==> flow/design.v <==
module core_mplex #(
  parameter NBITS = 8,
  parameter WAYS = 8,
  parameter LG = $clog2(WAYS)
) (
  input wire clk,
  input wire [WAYS*NBITS-1:0] i_data,
  input wire [LG-1:0] i_idx,
  output reg [NBITS-1:0] o_data_out
);
  wire [NBITS-1:0] nd [1:2*WAYS-1];
  genvar i;
  generate
    for (i = 0; i < WAYS; i = i + 1) begin : lane
      assign nd[WAYS+i] = i_data[i*NBITS +: NBITS];
    end
    for (i = 1; i < WAYS; i = i + 1) begin : row
      assign nd[i] = i_idx[LG - $clog2(i+1)] ? nd[2*i+1] : nd[2*i];
    end
  endgenerate
  always @(posedge clk)
    o_data_out <= nd[1];
endmodule
# == Step by step through the tools: core_mplex ==
# Tool output for the design above, in the order of the flow.
# Lines are those of the file above, counted from 1.
# Operators: Yosys type, input widths -> output width; for muxes data width and select width s.
# Cell names lack the library's common part.
# A cell with n/a has no value.
# inputs
top,core_mplex
clk_port,clk
library,sky130hd
pvt_corner,tt_025C_1v80

# == Word-level counts ==
# Source: Yosys, flattened and elaborated, memories not mapped. Widths are those after wreduce; folded enables and synchronous resets count as part of the registers. Registers that Yosys merges into a memory's read port (data or address) are not register bits. Print and check cells do not count. Equal cells are merged and count once.
# word_totals
regBits,8
inputBits,68
output_inout_bits,8
elab_cells,8
# op_classes
n_mux,7
# ops
cell,count
$mux 8,7

# == Logic depth ==
# Yosys ltp: most cells in a row. Word level: on the elaborated netlist, between registers, memories and ports. Mapped: between sequential cells and ports; inverters and the memories' decode and read muxes count.
# logic_depth
word_depth,3
ABC_AREA,0
mapped_depth,4
mapped_depth_nobuf,2

# == Synthesis result ==
# The flow's flattened synthesis, as Yosys stat reports it; memories are mapped. The netlist is that of the ABC_AREA named above (0 if unset); the other value can give another one.
# synth_totals
mapped_cells,37
yosys_area_um2,710.7
ff_cells,8
buffers,5
# by_type
type,count,area_total_um2
mux4_1,15,394.128
dfxtp_1,8,160.154
mux2_2,8,90.086
mux4_2,1,22.522
buf_12,1,20.019
buf_6,1,11.261
buf_2,1,5.005
buf_1,1,3.754
clkbuf_1,1,3.754

# == Worst setup path after synthesis ==
# OpenSTA on the mapped netlist: ideal clock, no wires. The path of least setup slack (recovery checks aside). Input and output delay are each 20% of the period. Register names are those of the netlist, which keeps one name where synthesis merged equal registers.
# synth_timing
path_kind,input -> register
startpoint,input port i_idx[0]
endpoint,register o_data_out[1]
tclk_ns,1.79
in_delay_ns,0.358
setup_ns,0.121
arrival_ns,1.381
path_slack_ns,0.288
delay_ns,1.144
driving_pins,4
period_less_setup_slack_ns,1.502
# "delay_ns" is the arrival time less input delay plus setup time.
# "driving_pins": output pins that drive a net of the path, with the launching flip-flop's if there is one; two outputs of one cell count as two.
# "period_less_setup_slack_ns" is the clock period less the worst setup slack; recovery checks do not enter. This is arithmetic on one report: input and output delays are still those of the set period (20% each).
# Between the ends stands the longest chain of elaborated cells between them, by number of cells; it is not shown to be the way that was timed. Of several equally long chains one is given.
# A line is the first line of the expression or statement that the cell stems from. Yosys adds cells for indexed reads and writes and turns some case tables into memories.
# synth_via
cell_sequence,buf_6 -> buf_12 -> mux4_1 -> mux2_2
elab_chain_len,3
# synth_rtl
element,line_no,text
"start, declared",8,"input wire [LG-1:0] i_idx,"
$mux 8 (3 in a row),18,assign nd[i] = i_idx[LG - $clog2(i+1)] ? nd[2*i+1] : nd[2*i];
"end, assigned",22,o_data_out <= nd[1];
"end, declared",9,output reg [NBITS-1:0] o_data_out

# == Timing after layout ==
# From the final timing report of run A: the path of least setup slack in the routed layout; clock arrival at registers is part of the times.
# layout_timing
path_kind,input -> register
startpoint,input port i_idx[0]
endpoint,register o_data_out[2]
tclk_ns,1.79
in_delay_ns,0.36
setup_ns,0.11
arrival_ns,1.92
path_slack_ns,0.01
driving_pins,4
# Between the ends stands the longest chain of elaborated cells between them, by number of cells; it is not shown to be the way that was timed. Of several equally long chains one is given.
# layout_via
cell_sequence,clkdlybuf4s50_1 -> buf_12 -> mux4_1 -> mux2_2
elab_chain_len,3
# layout_rtl
element,line_no,text
"start, declared",8,"input wire [LG-1:0] i_idx,"
$mux 8 (3 in a row),18,assign nd[i] = i_idx[LG - $clog2(i+1)] ? nd[2*i+1] : nd[2*i];
"end, assigned",22,o_data_out <= nd[1];
"end, declared",9,output reg [NBITS-1:0] o_data_out

# core_mplex through Yosys and OpenROAD on sky130hd: 3 stored runs, unordered, with their settings and measured results. The constraints put input and output delay at 20% of the set period each and load the outputs with 0.01 pF.
# "critical_path_time_ns": the worst setup path's part of the clock period (all of it between registers, 20% less for each end at a port) less its slack. A launch clock that arrives late makes it longer, a capture clock that arrives late makes it shorter.
# By "fin_power_uw" is meant OpenSTA's value without simulated activity: inputs other than the clock are taken to toggle once in ten clock periods, and the tool carries that through the logic.
# Settings: n/a = not set for that run.
# A result given as n/a is not shown for that run.
run name,period_ns,CAP_MARGIN,CORE_MARGIN,CORE_UTILIZATION,SLEW_MARGIN,SETUP_SLACK_MARGIN,PLACE_DENSITY,CELL_PAD_IN_SITES_GLOBAL_PLACEMENT,ABC_AREA,CTS_CLUSTER_SIZE,MIN_ROUTING_LAYER,CELL_PAD_IN_SITES_DETAIL_PLACEMENT,GPL_TIMING_DRIVEN,MAX_ROUTING_LAYER,critical_path_time_ns,worstPathKind,die_footprint_um2,post_synth_area_um2,layout_utilization_frac,timing.setup.tns_ns,ws_setup_ns,fin_power_uw
run A,1.79,20,2,40,20,n/a,n/a,n/a,n/a,n/a,n/a,n/a,n/a,n/a,1.42,input -> register,2129.8,710.7,0.886,0.000,0.010,665.7
run B,1.77,20,2,64,20,0.49,0.6,3,1,32,met2,n/a,n/a,n/a,n/a,n/a,n/a,n/a,n/a,n/a,n/a,n/a
run C,2.35,20,3,24,20,n/a,n/a,n/a,n/a,85,n/a,2,1,met4,1.36,input -> register,3650.0,710.7,0.542,0.000,0.523,512.2
# Run B: incomplete, placement halted on GPL-0301
